==> flow/design.v <==
module gen_addsub_v2 #(
   parameter integer DATA_WIDTH = 7
) (
   input logic CLK,
   input logic nrst,
   input logic [DATA_WIDTH-1:0] rs1_in,
   input logic [DATA_WIDTH-1:0] rs2_in,
   input logic minus_in,
   output logic [DATA_WIDTH-1:0] out_out,
   output logic carry_out
);
   logic [DATA_WIDTH-1:0] rs1_d1;
   always_ff @(posedge CLK or negedge nrst) begin
      if (~nrst) begin
         rs1_d1 <= '0;
      end else begin
         rs1_d1 <= rs1_in;
      end
   end
   logic [DATA_WIDTH-1:0] rs2_d1;
   always_ff @(posedge CLK or negedge nrst) begin
      if (~nrst) begin
         rs2_d1 <= '0;
      end else begin
         rs2_d1 <= rs2_in;
      end
   end
   logic minus_d1;
   always_ff @(posedge CLK or negedge nrst) begin
      if (~nrst) begin
         minus_d1 <= 1'b0;
      end else begin
         minus_d1 <= minus_in;
      end
   end
   logic [DATA_WIDTH-1:0] t2;
   assign t2 = rs2_d1 ^ {DATA_WIDTH{minus_d1}};
   logic [DATA_WIDTH:0] val;
   assign val = rs1_d1 + t2 + minus_d1;
   logic [DATA_WIDTH-1:0] out_d1;
   always_ff @(posedge CLK or negedge nrst) begin
      if (~nrst) begin
         out_d1 <= '0;
      end else begin
         out_d1 <= val[DATA_WIDTH-1:0];
      end
   end
   assign out_out = out_d1;
   logic carry_d1;
   always_ff @(posedge CLK or negedge nrst) begin
      if (~nrst) begin
         carry_d1 <= 1'b0;
      end else begin
         carry_d1 <= val[DATA_WIDTH];
      end
   end
   assign carry_out = carry_d1;
endmodule
Lab notebook: gen_addsub_v2

Reports on gen_addsub_v2
Tool output for the members of one design family, told apart by "DATA_WIDTH", in the order of the flow. The file above is the member DATA_WIDTH=7. Line numbers count from 1 in each member's own file. Operators carry their Yosys type and port widths (W data, S select, Z words). A cell with -- has no value.

Design top: gen_addsub_v2. Clock input: CLK. Standard-cell library: sky130hd. Library corner: tt_025C_1v80.

Source of the members
New or changed lines of each further member against the RTL above, in its own file; lines it lacks are not shown.

Lines new or changed: DATA_WIDTH 14 (line 2) `parameter integer DATA_WIDTH = 14`; DATA_WIDTH 32 (line 2) `parameter integer DATA_WIDTH = 32`; DATA_WIDTH 36 (line 2) `parameter integer DATA_WIDTH = 36`; DATA_WIDTH 72 (line 2) `parameter integer DATA_WIDTH = 72`.

Word level
Counts by Yosys on the flattened word-level netlist (proc, flatten, opt, wreduce; memories kept). Register bits leave out memories and registers merged into their read ports (data or address); mux counts leave out enables and synchronous resets folded into registers. Print and check cells are left out. Cells with the same type and inputs are merged into one.

Bit counts (flip-flop bits (word level)): DATA_WIDTH 7 (23); DATA_WIDTH 14 (44); DATA_WIDTH 32 (98); DATA_WIDTH 36 (110); DATA_WIDTH 72 (218).

Cells by class: DATA_WIDTH 7 (bitwise logic cells 1, $add $sub $neg 2); DATA_WIDTH 14 (bitwise logic cells 1, $add $sub $neg 2); DATA_WIDTH 32 (bitwise logic cells 1, $add $sub $neg 2); DATA_WIDTH 36 (bitwise logic cells 1, $add $sub $neg 2); DATA_WIDTH 72 (bitwise logic cells 1, $add $sub $neg 2).

Operators by type and width (kinds with counts): DATA_WIDTH 7 ($add A7 B7 Y8: 1; $add A8 B1 Y8: 1; $xor A7 B7 Y7: 1); DATA_WIDTH 14 ($add A14 B14 Y15: 1; $add A15 B1 Y15: 1; $xor A14 B14 Y14: 1); DATA_WIDTH 32 ($add A32 B32 Y33: 1; $add A33 B1 Y33: 1; $xor A32 B32 Y32: 1); DATA_WIDTH 36 ($add A36 B36 Y37: 1; $add A37 B1 Y37: 1; $xor A36 B36 Y36: 1); DATA_WIDTH 72 ($add A72 B72 Y73: 1; $add A73 B1 Y73: 1; $xor A72 B72 Y72: 1).

Longest topological paths
Longest topological path by Yosys (ltp), each cell counted once; first at word level (registers and memories cut), then after technology mapping (sequential cells cut; the memories' decode and read muxes count).

Logic depth: DATA_WIDTH 7 (depth after elaboration 3, ABC_AREA 0, depth in mapped cells 7, depth with buffers taken out 6); DATA_WIDTH 14 (depth after elaboration 3, ABC_AREA 0, depth in mapped cells 10, depth with buffers taken out 7); DATA_WIDTH 32 (depth after elaboration 3, ABC_AREA 0, depth in mapped cells 12, depth with buffers taken out 10); DATA_WIDTH 36 (depth after elaboration 3, ABC_AREA 0, depth in mapped cells 12, depth with buffers taken out 10); DATA_WIDTH 72 (depth after elaboration 3, ABC_AREA 0, depth in mapped cells 15, depth with buffers taken out 13).

Mapped cells and area
The flow's flattened synthesis, as Yosys stat reports it; memories are mapped. The netlist is that of the ABC_AREA named above (0 if unset); the other value can give another one.

Synthesis totals: DATA_WIDTH 7 (cell area after synthesis 897.1 um^2, buffer cells 1, mapped cells 61, flip-flops 23); DATA_WIDTH 14 (cell area after synthesis 1988.2 um^2, buffer cells 3, mapped cells 164, flip-flops 44); DATA_WIDTH 32 (cell area after synthesis 4679.5 um^2, buffer cells 15, mapped cells 405, flip-flops 98); DATA_WIDTH 36 (cell area after synthesis 5101.1 um^2, buffer cells 9, mapped cells 430, flip-flops 110); DATA_WIDTH 72 (cell area after synthesis 10612.7 um^2, buffer cells 39, mapped cells 972, flip-flops 218).

Cell types (type and count): DATA_WIDTH 7 (sky130_fd_sc_hd__dfrtp_1: 23; sky130_fd_sc_hd__ha_1: 6; sky130_fd_sc_hd__xor2_1: 8; sky130_fd_sc_hd__xnor2_1: 4; sky130_fd_sc_hd__a21oi_1: 5; sky130_fd_sc_hd__fa_1: 1; sky130_fd_sc_hd__a41oi_2: 1; sky130_fd_sc_hd__mux2_4: 1; sky130_fd_sc_hd__buf_6: 1; sky130_fd_sc_hd__nand2_1: 3; sky130_fd_sc_hd__o21ai_0: 2; sky130_fd_sc_hd__a21o_1: 1; sky130_fd_sc_hd__inv_1: 2; sky130_fd_sc_hd__o211ai_1: 1; sky130_fd_sc_hd__nor2b_1: 1; sky130_fd_sc_hd__nor2_1: 1); DATA_WIDTH 14 (sky130_fd_sc_hd__dfrtp_1: 44; sky130_fd_sc_hd__ha_1: 15; sky130_fd_sc_hd__xor2_1: 17; sky130_fd_sc_hd__a21oi_1: 10; sky130_fd_sc_hd__a21o_1: 6; sky130_fd_sc_hd__xnor2_1: 4; sky130_fd_sc_hd__nand2_1: 9; sky130_fd_sc_hd__o21ai_0: 6; sky130_fd_sc_hd__a211o_1: 3; sky130_fd_sc_hd__nor2_1: 7; sky130_fd_sc_hd__nand3_1: 5; sky130_fd_sc_hd__fa_1: 1; sky130_fd_sc_hd__a221oi_1: 2; sky130_fd_sc_hd__inv_1: 4; sky130_fd_sc_hd__a31oi_1: 2; sky130_fd_sc_hd__nor2b_1: 2; sky130_fd_sc_hd__or3_1: 2; sky130_fd_sc_hd__mux2_2: 1; [+24]); DATA_WIDTH 32 (sky130_fd_sc_hd__dfrtp_1: 98; sky130_fd_sc_hd__ha_1: 34; sky130_fd_sc_hd__xor2_1: 39; sky130_fd_sc_hd__xnor2_1: 20; sky130_fd_sc_hd__a21oi_1: 28; sky130_fd_sc_hd__o21ai_0: 17; sky130_fd_sc_hd__nor2_1: 22; sky130_fd_sc_hd__nand2_1: 21; sky130_fd_sc_hd__a21o_1: 8; sky130_fd_sc_hd__nand4_1: 9; sky130_fd_sc_hd__inv_1: 11; sky130_fd_sc_hd__nand3_1: 8; sky130_fd_sc_hd__o21a_1: 5; sky130_fd_sc_hd__o21bai_1: 5; sky130_fd_sc_hd__clkbuf_1: 9; sky130_fd_sc_hd__o211ai_1: 4; sky130_fd_sc_hd__a21oi_2: 3; sky130_fd_sc_hd__a41oi_1: 3; [+61]); DATA_WIDTH 36 (sky130_fd_sc_hd__dfrtp_1: 110; sky130_fd_sc_hd__xor2_1: 52; sky130_fd_sc_hd__ha_1: 35; sky130_fd_sc_hd__a21oi_1: 40; sky130_fd_sc_hd__xnor2_1: 18; sky130_fd_sc_hd__nand2_1: 30; sky130_fd_sc_hd__a21o_1: 10; sky130_fd_sc_hd__nor2_1: 19; sky130_fd_sc_hd__nand4_1: 8; sky130_fd_sc_hd__o21a_1: 6; sky130_fd_sc_hd__o21ai_0: 9; sky130_fd_sc_hd__o21ai_1: 9; sky130_fd_sc_hd__o21bai_1: 6; sky130_fd_sc_hd__and2_1: 6; sky130_fd_sc_hd__inv_1: 9; sky130_fd_sc_hd__a2111oi_4: 1; sky130_fd_sc_hd__a211oi_2: 2; sky130_fd_sc_hd__nand2b_1: 4; [+56]); DATA_WIDTH 72 (sky130_fd_sc_hd__dfrtp_1: 218; sky130_fd_sc_hd__ha_1: 72; sky130_fd_sc_hd__xor2_1: 96; sky130_fd_sc_hd__a21oi_1: 100; sky130_fd_sc_hd__xnor2_1: 44; sky130_fd_sc_hd__nand2_1: 73; sky130_fd_sc_hd__a21o_1: 28; sky130_fd_sc_hd__o21ai_0: 34; sky130_fd_sc_hd__nand4_1: 27; sky130_fd_sc_hd__nor2_1: 40; sky130_fd_sc_hd__o21bai_1: 16; sky130_fd_sc_hd__inv_1: 26; sky130_fd_sc_hd__o21a_1: 12; sky130_fd_sc_hd__o21ai_1: 18; sky130_fd_sc_hd__clkbuf_1: 22; sky130_fd_sc_hd__o31ai_1: 10; sky130_fd_sc_hd__nand2b_1: 9; sky130_fd_sc_hd__nor2b_1: 9; [+118]).

A list marked [+n] leaves out that many cells.

Timing after synthesis
Source: OpenSTA report_checks on the synthesized netlist (no wires, ideal clock, input and output delay 20% of the period each), path of least setup slack; recovery checks are left aside. Register names are those of the netlist, which keeps one name where synthesis merged equal registers.

Timing post-synthesis: DATA_WIDTH 7 (path kind register -> register, from register minus_d1, to register out_d1[6], period 2.23 ns, path slack 0.443 ns, delay of the path 1.787 ns, stages on the path 8, synthesis period reached 1.787 ns); DATA_WIDTH 14 (path kind register -> register, from register minus_d1, to register out_d1[11], period 3.28 ns, path slack 0.655 ns, delay of the path 2.624 ns, stages on the path 10, synthesis period reached 2.625 ns); DATA_WIDTH 32 (path kind register -> register, from register minus_d1, to register out_d1[26], period 3.59 ns, path slack 0.714 ns, delay of the path 2.876 ns, stages on the path 13, synthesis period reached 2.876 ns); DATA_WIDTH 36 (path kind register -> register, from register minus_d1, to register carry_d1, period 3.71 ns, path slack 0.744 ns, delay of the path 2.966 ns, stages on the path 12, synthesis period reached 2.966 ns); DATA_WIDTH 72 (path kind register -> register, from register minus_d1, to register out_d1[54], period 4.49 ns, path slack 0.897 ns, delay of the path 3.592 ns, stages on the path 16, synthesis period reached 3.593 ns).

"delay of the path" is the arrival time less input delay plus setup time. "stages on the path": output pins that drive a net of the path, with the launching flip-flop's if there is one; two outputs of one cell count as two. "synthesis period reached" is the clock period less the worst setup slack; recovery checks do not enter. This is arithmetic on one report: input and output delays are still those of the set period (20% each). Between the ends stands the longest chain of elaborated cells between them, by number of cells; it is not shown to be the way that was timed. Of several equally long chains one is given. Each line given opens the expression or statement behind the cell; cells for indexed reads and writes are added by Yosys, which also makes memories of some case tables.

On the way, post-synthesis, DATA_WIDTH=7:
Cells in the longest elaborated chain: 3.

Ends and longest elaborated chain, post-synthesis, DATA_WIDTH=7: from (decl) (line 28) `logic minus_d1;`; from (assign) (line 31) `minus_d1 <= 1'b0;`; from (assign) (line 33) `minus_d1 <= minus_in;`; $xor A7 B7 Y7 (line 37) `assign t2 = rs2_d1 ^ {DATA_WIDTH{minus_d1}};`; $add A7 B7 Y8 (line 39) `assign val = rs1_d1 + t2 + minus_d1;`; $add A8 B1 Y8 (line 39); to (assign) (line 43) `out_d1 <= '0;`; to (assign) (line 45) `out_d1 <= val[DATA_WIDTH-1:0];`; to (decl) (line 40) `logic [DATA_WIDTH-1:0] out_d1;`.

On the way, post-synthesis, DATA_WIDTH=72:
Cells in the longest elaborated chain: 3.

Ends and longest elaborated chain, post-synthesis, DATA_WIDTH=72: from (decl) (line 28) `logic minus_d1;`; from (assign) (line 31) `minus_d1 <= 1'b0;`; from (assign) (line 33) `minus_d1 <= minus_in;`; $xor A72 B72 Y72 (line 37) `assign t2 = rs2_d1 ^ {DATA_WIDTH{minus_d1}};`; $add A72 B72 Y73 (line 39) `assign val = rs1_d1 + t2 + minus_d1;`; $add A73 B1 Y73 (line 39); to (assign) (line 43) `out_d1 <= '0;`; to (assign) (line 45) `out_d1 <= val[DATA_WIDTH-1:0];`; to (decl) (line 40) `logic [DATA_WIDTH-1:0] out_d1;`.

Worst path after layout
Path of least setup slack in the final report of the run of each member (OpenROAD, finished layout, wires in). Where an end is a register, its clock arrival counts in the times.

Timing post-layout: DATA_WIDTH 7 (path kind register -> register, from register minus_d1, to register out_d1[6], period 2.23 ns, data arrival time 2.15 ns, path buffers 0, stages on the path 7, path slack 0.32 ns); DATA_WIDTH 14 (path kind register -> register, from register minus_d1, to register out_d1[11], period 3.28 ns, data arrival time 2.94 ns, path buffers 0, stages on the path 8, path slack 0.53 ns); DATA_WIDTH 32 (path kind register -> register, from register minus_d1, to register out_d1[30], period 3.59 ns, data arrival time 3.42 ns, path buffers 2, stages on the path 11, path slack 0.39 ns); DATA_WIDTH 36 (path kind register -> register, from register minus_d1, to register out_d1[34], period 3.71 ns, data arrival time 3.35 ns, path buffers 1, stages on the path 12, path slack 0.61 ns); DATA_WIDTH 72 (path kind register -> register, from register minus_d1, to register out_d1[71], period 4.49 ns, data arrival time 4.74 ns, path buffers 2, stages on the path 15, path slack 0.16 ns).

Flow runs
One run of the flow (Yosys, OpenROAD) for each member, with settings and measured results. Input and output delays are each 20% of the period that was set; the output load is 0.01 pF.

CAP_MARGIN: 20. The figure for CORE_MARGIN is 2. For CORE_UTILIZATION the number is 40. The entry for SLEW_MARGIN reads 20.

Settings that differ (period_ns): DATA_WIDTH 7 (2.23); DATA_WIDTH 14 (3.28); DATA_WIDTH 32 (3.59); DATA_WIDTH 36 (3.71); DATA_WIDTH 72 (4.49).

Measured results: DATA_WIDTH 7 (worst setup slack after layout 0.325 ns, setup total negative slack 0.000 ns, period achieved 1.905 ns, synthesis area 897.1 um^2, die outline area 2637.3 um^2, utilization of the finished layout 0.551); DATA_WIDTH 14 (worst setup slack after layout 0.530 ns, setup total negative slack 0.000 ns, period achieved 2.750 ns, synthesis area 1988.2 um^2, die outline area 5550.2 um^2, utilization of the finished layout 0.549); DATA_WIDTH 32 (worst setup slack after layout 0.388 ns, setup total negative slack 0.000 ns, period achieved 3.202 ns, synthesis area 4679.5 um^2, die outline area 12579.9 um^2, utilization of the finished layout 0.531); DATA_WIDTH 36 (worst setup slack after layout 0.608 ns, setup total negative slack 0.000 ns, period achieved 3.102 ns, synthesis area 5101.1 um^2, die outline area 13672.6 um^2, utilization of the finished layout 0.537); DATA_WIDTH 72 (worst setup slack after layout 0.160 ns, setup total negative slack 0.000 ns, period achieved 4.330 ns, synthesis area 10612.7 um^2, die outline area 27850.6 um^2, utilization of the finished layout 0.537).

"period achieved" = clock period - worst setup slack. The figure is calculated, with input and output delays left at 20% of the set period.
